==> flow/design.v <==
module scratch (ck, rstn, wr_i, wr_idx_i, wdata_i, read_addr_a_i, read_addr_b_i, rd_a_o, rd_b_o);
  parameter NUM_REGS = 16;
  parameter XLEN = 20;
  localparam ADDR_W = $clog2(NUM_REGS);
  input ck;
  input rstn;
  input wr_i;
  input [ADDR_W-1:0] wr_idx_i;
  input [XLEN-1:0] wdata_i;
  input [ADDR_W-1:0] read_addr_a_i;
  input [ADDR_W-1:0] read_addr_b_i;
  output reg [XLEN-1:0] rd_a_o;
  output reg [XLEN-1:0] rd_b_o;
  reg wr_ff;
  reg [ADDR_W-1:0] wr_idx_ff;
  reg [XLEN-1:0] wdata_ff;
  always @(posedge ck or negedge rstn) begin
    if (~rstn) begin
      wr_ff <= 1'b0;
      wr_idx_ff <= 0;
      wdata_ff <= 0;
    end else begin
      wr_ff <= wr_i;
      wr_idx_ff <= wr_idx_i;
      wdata_ff <= wdata_i;
    end
  end
  reg [XLEN-1:0] mem [NUM_REGS-1:0];
  always @(posedge ck) begin
    if (wr_ff && wr_idx_ff != 0)
      mem[wr_idx_ff] <= wdata_ff;
  end
  reg [ADDR_W-1:0] read_addr_a_ff;
  reg [ADDR_W-1:0] read_addr_b_ff;
  always @(posedge ck or negedge rstn) begin
    if (~rstn) begin
      read_addr_a_ff <= 0;
      read_addr_b_ff <= 0;
      rd_a_o <= 0;
      rd_b_o <= 0;
    end else begin
      read_addr_a_ff <= read_addr_a_i;
      read_addr_b_ff <= read_addr_b_i;
      rd_a_o <= (read_addr_a_ff == 0) ? {XLEN{1'b0}} : mem[read_addr_a_ff];
      rd_b_o <= (read_addr_b_ff == 0) ? {XLEN{1'b0}} : mem[read_addr_b_ff];
    end
  end
endmodule
# Reports on scratch
# The steps from the RTL of scratch to its reports follow in flow order.
# Line numbers count from 1 in the design file above.
# Operators: Yosys type, input widths -> output width; for muxes data width and select width s.
# Cell names lack the library's common part.
# Not given: --
[setup]
top_module = "scratch"
clk_port = "ck"
lib = "sky130hd"
corner = "tt_025C_1v80"

# After elaboration
# Counts by Yosys on the flattened word-level netlist (proc, flatten, opt, wreduce; memories kept). Register bits leave out memories and registers merged into their read ports (data or address); mux counts leave out enables and synchronous resets folded into registers. Print and check cells are left out. Cells with the same type and inputs are merged into one.
# Yosys's memory passes give these memory sizes; they may raise the number of words (mostly to a power of two), join words into wider ones and drop unused or constant bits.
[bits]
wordCells = 17
ram_bits = 320
reg_bits = 73
mem_count = 1
output_inout_bits = 40
input_bits = 35
[op_classes]
n_reduce_logical = 4
muxes = 5
[memory_table]
columns = ["memory", "words", "word_bits", "rd", "wr", "line", "source"]
rows = [
  ["mem", 16, 20, 2, 1, 28, "reg [XLEN-1:0] mem [NUM_REGS-1:0];"],
]
[op_table]
columns = ["operator", "count"]
rows = [
  ["$mux 20", 3],
  ["$logic_not 4->1", 2],
  ["$reduce_bool 4->1", 1],
  ["$mux 4", 1],
  ["$logic_and 1x1->1", 1],
  ["$mux 1", 1],
]

# Depth
# Yosys ltp: most cells in a row. Word level: on the elaborated netlist, between registers, memories and ports. Mapped: between sequential cells and ports; inverters and the memories' decode and read muxes count.
[logic_depth]
depth_word = 3
ABC_AREA = 0
mapped_depth = 7

# Netlist
# The flow's flattened synthesis, as Yosys stat reports it; memories are mapped. The netlist is that of the ABC_AREA named above (0 if unset); the other value can give another one.
# The area totals of this step are shown rounded.
[mapped]
seqArea_mm2 = 0.01084
synth_area_mm2 = 0.0157
buffers = 61
stdcells = 824
ffs = 373
[by_type]
columns = ["cell_type", "count"]
rows = [
  ["edfxtp_1", 300],
  ["mux4_2", 101],
  ["dfrtp_1", 73],
  ["mux2i_1", 58],
  ["mux2_2", 36],
  ["a221oi_1", 26],
  ["a21oi_1", 33],
  ["a221o_1", 16],
  ["a22oi_1", 16],
  ["buf_4", 16],
  ["o22ai_1", 19],
  ["nor2_1", 30],
  ["nor3_1", 22],
  ["clkbuf_1", 21],
  ["buf_2", 15],
  ["buf_6", 5],
  ["mux2_1", 3],
  ["o221a_1", 3],
]
# Not listed: further types 14, cells in them 31.

# Worst setup path after synthesis
# OpenSTA on the mapped netlist: ideal clock, no wires. The path of least setup slack (recovery checks aside). Input and output delay are each 20% of the period. Register names are those of the netlist, which keeps one name where synthesis merged equal registers.
[synth_path]
path_kind = "reg2reg"
startpoint = "reg wr_idx_ff[3]"
endpoint = "mem mem[4][0]"
setup_slack_ns = 0.608
clock_period_ns = 3.03
n_path_buf = 0
t_arrival_ns = 2.000
path_stages = 3
setup_ns = 0.422
delay_ns = 2.422
synth_period_reached_ns = 2.422
# "delay_ns" = arrival - input delay + setup time.
# "path_stages": output pins that drive a net of the path, with the launching flip-flop's if there is one; two outputs of one cell count as two.
# "synth_period_reached_ns" is the clock period less the worst setup slack; recovery checks do not enter. This is arithmetic on one report: input and output delays are still those of the set period (20% each).
# The rows between start and end are the longest chain of elaborated cells between them; the timing report does not say that the signal goes this way. Where chains are equally long, one stands for them.
# Each line given opens the expression or statement behind the cell; cells for indexed reads and writes are added by Yosys, which also makes memories of some case tables.
# The path ends at the enable pin of a flip-flop; only ways to that pin are counted.
[synth_between]
path_cell_list = "dfrtp_1 > nand3b_1 > nor3_1"
elab_chain_cells = 3
cone_cells = 4
classes_between = "2 x mux; 2 x reduce/logical"
[synth_lines]
columns = ["item", "line", "source"]
rows = [
  ["start, declared", 15, "reg [ADDR_W-1:0] wr_idx_ff;"],
  ["start, assigned", 20, "wr_idx_ff <= 0;"],
  ["start, assigned", 24, "wr_idx_ff <= wr_idx_i;"],
  ["$reduce_bool 4->1", 30, "if (wr_ff && wr_idx_ff != 0)"],
  ["$logic_and 1x1->1", 30, ""],
  ["$mux 4", 30, ""],
  ["end, declared", 28, "reg [XLEN-1:0] mem [NUM_REGS-1:0];"],
]

# Path in the finished layout
# Path of least setup slack in the final report of stored run 1 (OpenROAD, finished layout, wires in). Where an end is a register, its clock arrival counts in the times.
[layout_path]
path_kind = "reg2out"
startpoint = "reg rd_a_o[8]"
endpoint = "out rd_a_o[8]"
clock_period_ns = 3.03
n_path_buf = 1
output_delay_ns = 0.61
path_stages = 2
t_arrival_ns = 1.52
setup_slack_ns = 0.90
[layout_between]
path_cell_list = "dfrtp_1 > clkdlybuf4s50_1"
elab_chain_cells = 0
cone_cells = 0
[layout_lines]
columns = ["item", "line", "source"]
rows = [
  ["start, declared", 12, "output reg [XLEN-1:0] rd_a_o;"],
  ["start, assigned", 39, "rd_a_o <= 0;"],
  ["start, assigned", 44, "rd_a_o <= (read_addr_a_ff == 0) ? {XLEN{1'b0}} : mem[read_addr_a_ff];"],
  ["end, declared", 12, ""],
]

## Implementation results

Below are 3 stored runs of the flow (Yosys, OpenROAD; platform sky130hd) on scratch, each with its settings and what was measured, unordered. Constraints: input delay and output delay 20% of the set period each, output load 0.01 pF.
"timing.worst_path_ns" means the part of the period allowed to the worst setup path (the constraints hold back 20% at inputs and 20% at outputs) less its slack; where the path has registers, the arrival times of their clocks count too.
Measured values are rounded.

# stored run 1
==> flow/run.sh <==
#!/bin/bash
# the make line also repeats the synthesis and layout settings of config.mk as NAME=value (left out here)
make -C /OpenROAD-flow-scripts/flow DESIGN_CONFIG=/design/flow/config.mk WORK_HOME=/design/flow/orfs CLKGATE_MAP_FILE= finish
==> flow/config.mk <==
export PLATFORM = sky130hd
export DESIGN_NAME = scratch
export DESIGN_NICKNAME = scratch
export VERILOG_FILES = /design/flow/design.v
export SDC_FILE = /design/flow/constraint.sdc
export NUM_CORES = 4
export LEC_CHECK = 0
export CAP_MARGIN = 20
export CORE_MARGIN = 2
export CORE_UTILIZATION = 40
export SLEW_MARGIN = 20
==> flow/constraint.sdc <==
create_clock -name core_clock -period 3.03 [get_ports {ck}]
set_input_delay 0.6060 -clock core_clock [delete_from_list [all_inputs] [get_ports {ck}]]
set_output_delay 0.6060 -clock core_clock [all_outputs]
set_load 0.01 [all_outputs]

==> stored run 1: results <==
setup_ws_ns=0.903
total_die_area_mm2=0.04086
fin_util_frac=0.48
timing.worst_path_ns=1.52
critical_path_kind="reg2out"
synthesis_area_mm2=0.0157
fin_tns_ns=0.000

# stored run 2
==> flow/run.sh <==
#!/bin/bash
# the make line also repeats the synthesis and layout settings of config.mk as NAME=value (left out here)
make -C /OpenROAD-flow-scripts/flow DESIGN_CONFIG=/design/flow/config.mk WORK_HOME=/design/flow/orfs CLKGATE_MAP_FILE= finish
==> flow/config.mk <==
export PLATFORM = sky130hd
export DESIGN_NAME = scratch
export DESIGN_NICKNAME = scratch
export VERILOG_FILES = /design/flow/design.v
export SDC_FILE = /design/flow/constraint.sdc
export NUM_CORES = 4
export LEC_CHECK = 0
export ABC_AREA = 0
export CAP_MARGIN = 20
export CORE_MARGIN = 2
export CORE_UTILIZATION = 57
export CTS_CLUSTER_DIAMETER = 222
export CTS_CLUSTER_SIZE = 69
export GPL_ROUTABILITY_DRIVEN = 0
export PLACE_DENSITY_LB_ADDON = 0.2
export SETUP_SLACK_MARGIN = 0.45
export SLEW_MARGIN = 20
export TNS_END_PERCENT = 70
==> flow/constraint.sdc <==
create_clock -name core_clock -period 2.05 [get_ports {ck}]
set_input_delay 0.4100 -clock core_clock [delete_from_list [all_inputs] [get_ports {ck}]]
set_output_delay 0.4100 -clock core_clock [all_outputs]
set_load 0.01 [all_outputs]

==> stored run 2: results <==
setup_ws_ns=0.184
total_die_area_mm2=0.02889
fin_util_frac=0.713
timing.worst_path_ns=1.87
critical_path_kind="reg2reg"
synthesis_area_mm2=0.0157
fin_tns_ns=0.000

# stored run 3
==> flow/run.sh <==
#!/bin/bash
# the make line also repeats the synthesis and layout settings of config.mk as NAME=value (left out here)
make -C /OpenROAD-flow-scripts/flow DESIGN_CONFIG=/design/flow/config.mk WORK_HOME=/design/flow/orfs CLKGATE_MAP_FILE= finish
==> flow/config.mk <==
export PLATFORM = sky130hd
export DESIGN_NAME = scratch
export DESIGN_NICKNAME = scratch
export VERILOG_FILES = /design/flow/design.v
export SDC_FILE = /design/flow/constraint.sdc
export NUM_CORES = 4
export LEC_CHECK = 0
export CAP_MARGIN = 20
export CELL_PAD_IN_SITES_GLOBAL_PLACEMENT = 0
export CORE_MARGIN = 2
export CORE_UTILIZATION = 35
export CTS_CLUSTER_SIZE = 12
export GPL_TIMING_DRIVEN = 0
export HOLD_SLACK_MARGIN = 0.14
export MAX_ROUTING_LAYER = met4
export MIN_ROUTING_LAYER = met1
export PLACE_DENSITY_LB_ADDON = 0.12
export SETUP_SLACK_MARGIN = 0.57
export SLEW_MARGIN = 35
==> flow/constraint.sdc <==
create_clock -name core_clock -period 3.17 [get_ports {ck}]
set_input_delay 0.6340 -clock core_clock [delete_from_list [all_inputs] [get_ports {ck}]]
set_output_delay 0.6340 -clock core_clock [all_outputs]
set_load 0.01 [all_outputs]

==> stored run 3: results <==
setup_ws_ns=0.626
total_die_area_mm2=0.04658
fin_util_frac=0.434
timing.worst_path_ns=2.54
critical_path_kind="reg2reg"
synthesis_area_mm2=0.0157
fin_tns_ns=0.000
